==> flow/design.v <==
module dp_sub_unit_mod #(
  parameter integer W = 36
) (
  input wire clk,
  input wire clr,
  input wire [W-1:0] u_i,
  input wire [W-1:0] v_i,
  output reg [W:0] res_o,
  output reg [W:0] diff_o
);
  always @(posedge clk) begin
    if (clr) begin
      res_o <= 0;
      diff_o <= 0;
    end else begin
      res_o <= u_i + v_i;
      diff_o <= u_i - v_i;
    end
  end
endmodule
# From RTL to reports: dp_sub_unit_mod
# The steps from the RTL of dp_sub_unit_mod to its reports follow in flow order.
# Line numbers count from 1 in the design file above.
# Library cell names are shortened.
# A cell with -- has no value.
[setup] top="dp_sub_unit_mod" clk_port="clk" cell_library="sky130hd" lib_corner="tt_025C_1v80"

# After elaboration
# Yosys after proc, flatten, opt, wreduce and memory -nomap, before mapping. Enables and synchronous resets that opt folds into registers are not counted as muxes. Memory bits, and registers merged into a memory's read port (data or address), are not among the register bits. Print and check cells are not counted. Equal cells are merged and count once.
[bits] ff_bits=74 latchBits=0 ram_bits=0 mem_bits_ro=0 clocked_rd_ports_x_width=0 n_memories=0 in_bits=74 out_inout_bits=74 elab_cells=4
[op_classes] n_addsub=2 n_mul=0 div=0 n_cmp=0 n_eq=0 n_shift=0 muxes=0 n_logic=0 reduce_logical=0
[ops] operator="36-bit by 36-bit adder with 37-bit output" n=1
[ops] operator="36-bit by 36-bit subtractor with 37-bit output" n=1

# Logic depth
# Longest topological path by Yosys (ltp), each cell counted once; first at word level (registers and memories cut), then after technology mapping (sequential cells cut; the memories' decode and read muxes count).
[logic_depth] ltp_word=1 ABC_AREA=0 depth_mapped=12 mapped_depth_nobuf=12

# Mapped cells and area
# Yosys stat after the flow's synthesis: flattened, memories mapped to cells. It holds for the ABC_AREA given above (unset counts as 0); a run with the other value may have another netlist.
[synth_totals] cells=773 mapped_area_um2=5949.5 seq_area_um2=1461.4 ff_cells=73 n_buf=35
[by_type] cell_type="dfxtp_1" n=73 type_area_um2=1.46E+03
[by_type] cell_type="ha_1" n=72 type_area_um2=900.864
[by_type] cell_type="a21oi_1" n=88 type_area_um2=440.422
[by_type] cell_type="nor2_1" n=117 type_area_um2=439.171
[by_type] cell_type="xnor2_1" n=48 type_area_um2=420.403
[by_type] cell_type="inv_1" n=67 type_area_um2=251.491
[by_type] cell_type="o21ai_0" n=35 type_area_um2=175.168
[by_type] cell_type="o21bai_1" n=19 type_area_um2=142.637
[by_type] cell_type="nand2_1" n=31 type_area_um2=116.362
[by_type] cell_type="a21o_1" n=13 type_area_um2=97.594
[by_type] cell_type="nand4_1" n=13 type_area_um2=81.328
[by_type] cell_type="o31ai_1" n=10 type_area_um2=75.072
[by_type] cell_type="nor3_1" n=14 type_area_um2=70.067
[by_type] cell_type="clkbuf_1" n=18 type_area_um2=67.565
[by_type] cell_type="nand3_1" n=13 type_area_um2=65.062
[by_type] cell_type="a211oi_1" n=8 type_area_um2=60.058
[by_type] cell_type="o211ai_1" n=7 type_area_um2=52.55
[by_type] cell_type="or3_1" n=8 type_area_um2=50.048
# Other cell types: 56; their cells: 119.

# Worst setup path after synthesis
# OpenSTA on the mapped netlist: ideal clock, no wires. The path of least setup slack (recovery checks aside). Input and output delay are each 20% of the period. Register names are those of the netlist, which keeps one name where synthesis merged equal registers.
[synth_path] kind="input port to flip-flop" startpoint="input port u_i[0]" endpoint="register diff_o[32]" clock_period_ns=3.55 in_delay_ns=0.710 setup_ns=0.072 t_first_pin_ns=0.710 t_arrival_ns=2.907 t_required_ns=3.478 path_slack_ns=0.571 delay_ns=2.269 stages=12 path_buffers=0 synth_period_reached_ns=2.979
# "delay_ns" = arrival - input delay + setup time.
# "stages" counts driving pins, that of a launching flip-flop among them; a cell with two outputs on the path counts twice.
# "synth_period_reached_ns" is the clock period less the worst setup slack; recovery checks do not enter. This is arithmetic on one report: input and output delays are still those of the set period (20% each).
# Between the ends stands the longest chain of elaborated cells between them, by number of cells; it is not shown to be the way that was timed. Of several equally long chains one is given.
# A line is the first line of the expression or statement that the cell stems from. Yosys adds cells for indexed reads and writes and turns some case tables into memories.
[synth_between] cell_sequence="inv_1 ha_1 fa_1 nor2b_4 o31a_1 o21ba_2 o211ai_2 o31ai_4 a211oi_4 o31a_4 o21ai_2 mux2i_1" elab_chain_cells=1 cells_between=1 cone_lines=1 classes_between="add/sub: 1"
[synth_lines] element="start, declared" line_no=6 rtl="input wire [W-1:0] u_i,"
[synth_lines] element="36-bit by 36-bit subtractor with 37-bit output" line_no=17 rtl="diff_o <= u_i - v_i;"
[synth_lines] element="end, assigned" line_no=14 rtl="diff_o <= 0;"
[synth_lines] element="end, assigned" line_no=17
[synth_lines] element="end, declared" line_no=9 rtl="output reg [W:0] diff_o"

# Timing after layout
# Path of least setup slack in the final report of flow run 1 (OpenROAD, finished layout, wires in). Where an end is a register, its clock arrival counts in the times.
[layout_path] kind="input port to flip-flop" startpoint="input port v_i[2]" endpoint="register res_o[28]" clock_period_ns=4.96 in_delay_ns=0.99 setup_ns=0.13 t_first_pin_ns=0.99 t_arrival_ns=4.05 t_required_ns=5.16 path_slack_ns=1.12 stages=12 path_buffers=1
# Between the ends stands the longest chain of elaborated cells between them, by number of cells; it is not shown to be the way that was timed. Of several equally long chains one is given.
[layout_between] cell_sequence="clkdlybuf4s50_1 inv_1 ha_1 nor2b_2 o211ai_1 a21oi_1 nand2b_1 a41oi_2 or4b_1 a31oi_1 or3_1 a21oi_1" elab_chain_cells=1 cells_between=1 cone_lines=1 classes_between="add/sub: 1"
[layout_lines] element="start, declared" line_no=7 rtl="input wire [W-1:0] v_i,"
[layout_lines] element="36-bit by 36-bit adder with 37-bit output" line_no=16 rtl="res_o <= u_i + v_i;"
[layout_lines] element="end, assigned" line_no=13 rtl="res_o <= 0;"
[layout_lines] element="end, assigned" line_no=16
[layout_lines] element="end, declared" line_no=8 rtl="output reg [W:0] res_o,"

# Below are 3 stored runs of the flow (Yosys, OpenROAD; platform sky130hd) on dp_sub_unit_mod, each with its settings and what was measured, unordered. Constraints: input delay and output delay 20% of the set period each, output load 0.01 pF.
# "achievedPeriod_ns": clock period set for the run, less the worst setup slack. It is reckoned from that one timing run; input and output delays stay at 20% of the period that was set.
# "worst_path_allowed_less_slack_ns" = time allowed to the worst setup path (clock period - input delay - output delay, where it has them) - its slack; a late launch clock adds to it, a late capture clock takes from it.
# "total_power_mw" is the tool's figure for a default switching activity; nothing was simulated.
run="flow run 1" settings period_ns=4.96 CORE_UTILIZATION=58 PLACE_DENSITY_LB_ADDON=0.25 CORE_ASPECT_RATIO=0.76 TNS_END_PERCENT=90 ABC_AREA=0 CAP_MARGIN=15 MAX_ROUTING_LAYER="met5" CORE_MARGIN=2 SLEW_MARGIN=20
run="flow run 1" results worstSetupSlack_ns=1.116 post_route_util_pct=76.7 achievedPeriod_ns=3.844 die_area_um2=11091.6 stdcell_area_um2=7711.1 final_hold_ws_ns=1.097 worst_path_allowed_less_slack_ns=2.85 worst_path_kind="input port to flip-flop" total_power_mw=2.191 synth_chip_area_um2=5949.5 setupTns_ns=0.000
run="flow run 2" settings period_ns=3.55 CAP_MARGIN=20 CORE_MARGIN=2 CORE_UTILIZATION=40 SLEW_MARGIN=20
run="flow run 2" results die_area_um2=15864.7 achievedPeriod_ns=3.397 synth_chip_area_um2=5949.5 setupTns_ns=0.000 stdcell_area_um2=8639.5 worst_path_allowed_less_slack_ns=2.69 worst_path_kind="input port to flip-flop" worstSetupSlack_ns=0.153 post_route_util_pct=59.4 total_power_mw=3.305 final_hold_ws_ns=0.937
run="flow run 3" settings period_ns=4.51 CORE_UTILIZATION=67 SETUP_SLACK_MARGIN=1.23 PLACE_DENSITY_LB_ADDON=0.19 CELL_PAD_IN_SITES_DETAIL_PLACEMENT=0 GPL_TIMING_DRIVEN=1 CTS_CLUSTER_DIAMETER=265 CAP_MARGIN=5 SLEW_MARGIN=40 CORE_MARGIN=2
run="flow run 3" outcome="unfinished; error GRT-0232 in routing"
